==> flow/design.v <==
module ex_comparator_v2 #(
   parameter int WIDTH = 10,
   parameter int NUM = 7
) (
   input  logic i_clk,
   input  logic [NUM*WIDTH-1:0] in,
   output logic [WIDTH-1:0] max_o
);
   logic [NUM*WIDTH-1:0] in_r;
   wire [WIDTH-1:0] n_ [1:2*NUM-1];
   for (genvar gi = 0; gi < NUM; gi++) begin : lane
      assign n_[NUM+gi] = in_r[gi*WIDTH +: WIDTH];
   end
   for (genvar gi = 1; gi < NUM; gi++) begin : u_g
      assign n_[gi] = (n_[2*gi] > n_[2*gi+1]) ? n_[2*gi] : n_[2*gi+1];
   end
   assign max_o = n_[1];
   always_ff @(posedge i_clk)
      in_r <= in;
endmodule
== Step by step through the tools: ex_comparator_v2 ==
What the tools print for ex_comparator_v2, step after step.
Lines are those of the file above, counted from 1.
A cell with - has no value.

* Top: ex_comparator_v2
* Clock input: i_clk
* Standard-cell library: sky130hd
* Corner: tt_025C_1v80

== Word level ==
Counts by Yosys on the flattened word-level netlist (proc, flatten, opt, wreduce). Print and check cells are left out. Cells with the same type and inputs are merged into one.

* Magnitude comparators: 6
* Muxes and demuxes: 6

{| class="wikitable"
|+ Operator list
! kind !! count
|-
| > comparator 10 bit || 6
|-
| 2-to-1 mux 10 bit || 6
|}

* Bits in registers: 70
* Bits of input ports: 71
* Output and inout port bits: 10
* Elaborated cells: 13

== Longest topological paths ==
Yosys ltp: most cells in a row. Word level: on the elaborated netlist, between registers, memories and ports. Mapped: between sequential cells and ports; inverters and the memories' decode and read muxes count.

* Depth after elaboration: 6
* ABC_AREA: 0
* Mapped depth: 25

== After synthesis ==
The flow's flattened synthesis, as Yosys stat reports it; memories are mapped. The netlist is that of the ABC_AREA named above (0 if unset); the other value can give another one.

{| class="wikitable"
|+ Cell types
! cell type !! count !! area in all (um2)
|-
| sky130_fd_sc_hd__dfxtp_1 || 70 || 1.4E+03
|-
| sky130_fd_sc_hd__ha_1 || 60 || 750.72
|-
| sky130_fd_sc_hd__o211ai_1 || 61 || 457.939
|-
| sky130_fd_sc_hd__inv_1 || 64 || 240.23
|-
| sky130_fd_sc_hd__o21a_1 || 22 || 165.158
|-
| sky130_fd_sc_hd__a32oi_1 || 10 || 87.584
|-
| sky130_fd_sc_hd__nand2_1 || 23 || 86.333
|-
| sky130_fd_sc_hd__o21ai_0 || 17 || 85.082
|-
| sky130_fd_sc_hd__a21oi_1 || 16 || 80.077
|-
| sky130_fd_sc_hd__a22oi_1 || 10 || 75.072
|-
| sky130_fd_sc_hd__a21boi_1 || 9 || 67.565
|-
| sky130_fd_sc_hd__a21o_1 || 8 || 60.058
|-
| sky130_fd_sc_hd__clkbuf_1 || 10 || 37.536
|-
| sky130_fd_sc_hd__nand4_1 || 6 || 37.536
|-
| sky130_fd_sc_hd__buf_2 || 7 || 35.034
|-
| sky130_fd_sc_hd__buf_4 || 4 || 30.029
|-
| sky130_fd_sc_hd__nand3_1 || 6 || 30.029
|-
| sky130_fd_sc_hd__and4_1 || 3 || 26.275
|}

Other cell types: 17; their cells: 33.

* Cells in the netlist: 439
* Synthesis area: 3995.1 um2
* Sequential part of the area: 1401.3 um2
* Mapped flip-flops: 70
* Buffer cells: 22

== Timing after synthesis ==
Source: OpenSTA report_checks on the synthesized netlist (no wires, ideal clock, input and output delay 20% of the period each), path of least setup slack; recovery checks are left aside. Register names are those of the netlist, which keeps one name where synthesis merged equal registers.

* Kind: register to output
* Start: register in_r[24]
* End: output max_o[0]
* Period: 7240 ps
* Output delay: 1448 ps
* Launch time at the first pin: 0 ps
* Data arrival time: 4631 ps
* Data required time: 5792 ps
* Slack: 1161 ps
* Delay of the path: 4631 ps
* Stages: 26
* Synthesis period reached: 6079 ps

"delay of the path" is the arrival time less input delay plus setup time.
A path that ends at an output port has no setup time.
"stages" counts driving pins, that of a launching flip-flop among them; a cell with two outputs on the path counts twice.
"synthesis period reached" = period - worst setup slack (recovery checks aside). The figure is calculated, with input and output delays left at 20% of the set period.
Between the ends stands the longest chain of elaborated cells between them, by number of cells; it is not shown to be the way that was timed. Of several equally long chains one is given.
A line is the first line of the expression or statement that the cell stems from. Yosys adds cells for indexed reads and writes and turns some case tables into memories.

* Cells stage by stage: sky130_fd_sc_hd__dfxtp_1 sky130_fd_sc_hd__inv_1 sky130_fd_sc_hd__ha_1 sky130_fd_sc_hd__a21oi_1 sky130_fd_sc_hd__a21boi_0 sky130_fd_sc_hd__o31a_1 sky130_fd_sc_hd__o21a_1 sky130_fd_sc_hd__buf_2 sky130_fd_sc_hd__buf_2 sky130_fd_sc_hd__o21a_1 sky130_fd_sc_hd__ha_1 sky130_fd_sc_hd__and4_1 sky130_fd_sc_hd__nand3_1 sky130_fd_sc_hd__o21ba_2 sky130_fd_sc_hd__a31o_2 sky130_fd_sc_hd__buf_4 sky130_fd_sc_hd__o211ai_1 sky130_fd_sc_hd__nand2_1 sky130_fd_sc_hd__ha_1 sky130_fd_sc_hd__a21o_1 sky130_fd_sc_hd__a21o_1 sky130_fd_sc_hd__a21oi_1 sky130_fd_sc_hd__o211ai_1 sky130_fd_sc_hd__and2_1 sky130_fd_sc_hd__buf_1 sky130_fd_sc_hd__a32oi_1
* Length of the longest elaborated chain: 6

{| class="wikitable"
|+ Ends and longest elaborated chain, after synthesis
! what !! line !! text
|-
| start: declaration || 9 || <nowiki>logic [NUM*WIDTH-1:0] in_r;</nowiki>
|-
| start: assignment || 19 || <nowiki>in_r <= in;</nowiki>
|-
| > comparator 10 bit || 15 || <nowiki>assign n_[gi] = (n_[2*gi] > n_[2*gi+1]) ? n_[2*gi] : n_[2*gi+1];</nowiki>
|-
| 2-to-1 mux 10 bit || 15 ||
|-
| > comparator 10 bit || 15 ||
|-
| 2-to-1 mux 10 bit || 15 ||
|-
| > comparator 10 bit || 15 ||
|-
| 2-to-1 mux 10 bit || 15 ||
|-
| end: declaration || 7 || <nowiki>output logic [WIDTH-1:0] max_o</nowiki>
|}

== Timing after layout ==
Path of least setup slack in the final report of flow run A (OpenROAD, finished layout, wires in). Where an end is a register, its clock arrival counts in the times.
The report prints the path's times to 10 ps; the period is as set.

* Kind: register to output
* Start: register in_r[63]
* End: output max_o[5]
* Period: 4230 ps
* Output delay: 850 ps
* Launch time at the first pin: 340 ps
* Data arrival time: 5310 ps
* Data required time: 3380 ps
* Slack: -1930 ps
* Stages: 27

Between the ends stands the longest chain of elaborated cells between them, by number of cells; it is not shown to be the way that was timed. Of several equally long chains one is given.

* Cells stage by stage: sky130_fd_sc_hd__dfxtp_1 sky130_fd_sc_hd__inv_1 sky130_fd_sc_hd__ha_4 sky130_fd_sc_hd__a21o_1 sky130_fd_sc_hd__a21o_1 sky130_fd_sc_hd__a221oi_2 sky130_fd_sc_hd__o21a_1 sky130_fd_sc_hd__buf_6 sky130_fd_sc_hd__buf_6 sky130_fd_sc_hd__o21a_1 sky130_fd_sc_hd__ha_4 sky130_fd_sc_hd__and3_4 sky130_fd_sc_hd__a221oi_4 sky130_fd_sc_hd__o2111ai_2 sky130_fd_sc_hd__and2_4 sky130_fd_sc_hd__buf_6 sky130_fd_sc_hd__o211ai_1 sky130_fd_sc_hd__a21boi_2 sky130_fd_sc_hd__ha_1 sky130_fd_sc_hd__a21o_1 sky130_fd_sc_hd__a21o_1 sky130_fd_sc_hd__a21oi_2 sky130_fd_sc_hd__o211ai_1 sky130_fd_sc_hd__and2_4 sky130_fd_sc_hd__buf_6 sky130_fd_sc_hd__a32oi_2 sky130_fd_sc_hd__buf_2
* Length of the longest elaborated chain: 6

{| class="wikitable"
|+ Ends and longest elaborated chain, after layout
! what !! line !! text
|-
| start: declaration || 9 || <nowiki>logic [NUM*WIDTH-1:0] in_r;</nowiki>
|-
| start: assignment || 19 || <nowiki>in_r <= in;</nowiki>
|-
| > comparator 10 bit || 15 || <nowiki>assign n_[gi] = (n_[2*gi] > n_[2*gi+1]) ? n_[2*gi] : n_[2*gi+1];</nowiki>
|-
| 2-to-1 mux 10 bit || 15 ||
|-
| > comparator 10 bit || 15 ||
|-
| 2-to-1 mux 10 bit || 15 ||
|-
| > comparator 10 bit || 15 ||
|-
| 2-to-1 mux 10 bit || 15 ||
|-
| end: declaration || 7 || <nowiki>output logic [WIDTH-1:0] max_o</nowiki>
|}

Wiki page: ex_comparator_v2 / flow data

ex_comparator_v2 through Yosys and OpenROAD on sky130hd: 3 stored runs, unordered, with their settings and measured results. The constraints put input and output delay at 20% of the set period each and load the outputs with 0.01 pF.
By "clock period reached" is meant the clock period of the run minus its worst setup slack. This is arithmetic on one report: input and output delays are still those of the set period (20% each).
By "allowed time less slack (worst setup path)" is meant the share of the clock period that the worst setup path is allowed (20% is reserved at inputs, 20% at outputs), minus its slack. Clock arrival times at its registers enter into it.
"power" is the tool's figure for a default switching activity; nothing was simulated.
"allowed time less slack (worst setup path)" is given in steps of 10 ps.

=== Flow run A ===
{| class="wikitable"
! Setting !! Value
|-
| period_ns || 4.23
|-
| CORE_UTILIZATION || 41
|-
| SETUP_SLACK_MARGIN || 0.3
|-
| PLACE_DENSITY || 0.9
|-
| CORE_ASPECT_RATIO || 0.74
|-
| TNS_END_PERCENT || 10
|-
| GPL_TIMING_DRIVEN || 0
|-
| CTS_CLUSTER_SIZE || 46
|-
| CAP_MARGIN || 0
|-
| SLEW_MARGIN || 0
|-
| MIN_ROUTING_LAYER || met1
|-
| CORE_MARGIN || 2
|-
! Result !! Value
|-
| Allowed time less slack (worst setup path) || 5310 ps
|-
| Kind of the worst setup path || register to output
|-
| Worst hold slack || 949 ps
|-
| Worst setup slack after layout || -1930 ps
|-
| Area inside the die boundary || 10558.7 um2
|-
| Power || 2703 uW
|-
| Standard-cell area after routing || 5805.6 um2
|-
| Utilization of the finished layout || 62.4%
|-
| Clock period reached || 6160 ps
|-
| Total negative setup slack || -18876 ps
|-
| Mapped cell area after synthesis || 3995.1 um2
|}

=== Flow run B ===
{| class="wikitable"
! Setting !! Value
|-
| period_ns || 7.24
|-
| CAP_MARGIN || 20
|-
| CORE_MARGIN || 2
|-
| CORE_UTILIZATION || 40
|-
| SLEW_MARGIN || 20
|-
! Result !! Value
|-
| Allowed time less slack (worst setup path) || 5440 ps
|-
| Kind of the worst setup path || register to output
|-
| Worst hold slack || 1532 ps
|-
| Worst setup slack after layout || 354 ps
|-
| Area inside the die boundary || 10803.5 um2
|-
| Power || 1303 uW
|-
| Standard-cell area after routing || 5243.8 um2
|-
| Utilization of the finished layout || 53.9%
|-
| Clock period reached || 6886 ps
|-
| Total negative setup slack || 0 ps
|-
| Mapped cell area after synthesis || 3995.1 um2
|}

=== Flow run C ===
{| class="wikitable"
! Setting !! Value
|-
| period_ns || 8.91
|-
| CORE_UTILIZATION || 54
|-
| SETUP_SLACK_MARGIN || 2.0
|-
| PLACE_DENSITY_LB_ADDON || 0.08
|-
| CORE_ASPECT_RATIO || 0.68
|-
| CORE_MARGIN || 4
|-
| CELL_PAD_IN_SITES_DETAIL_PLACEMENT || 1
|-
| TNS_END_PERCENT || 10
|-
| SLEW_MARGIN || 35
|-
| CAP_MARGIN || 20
|}
Incomplete, clock tree synthesis halted on DPL-0033.
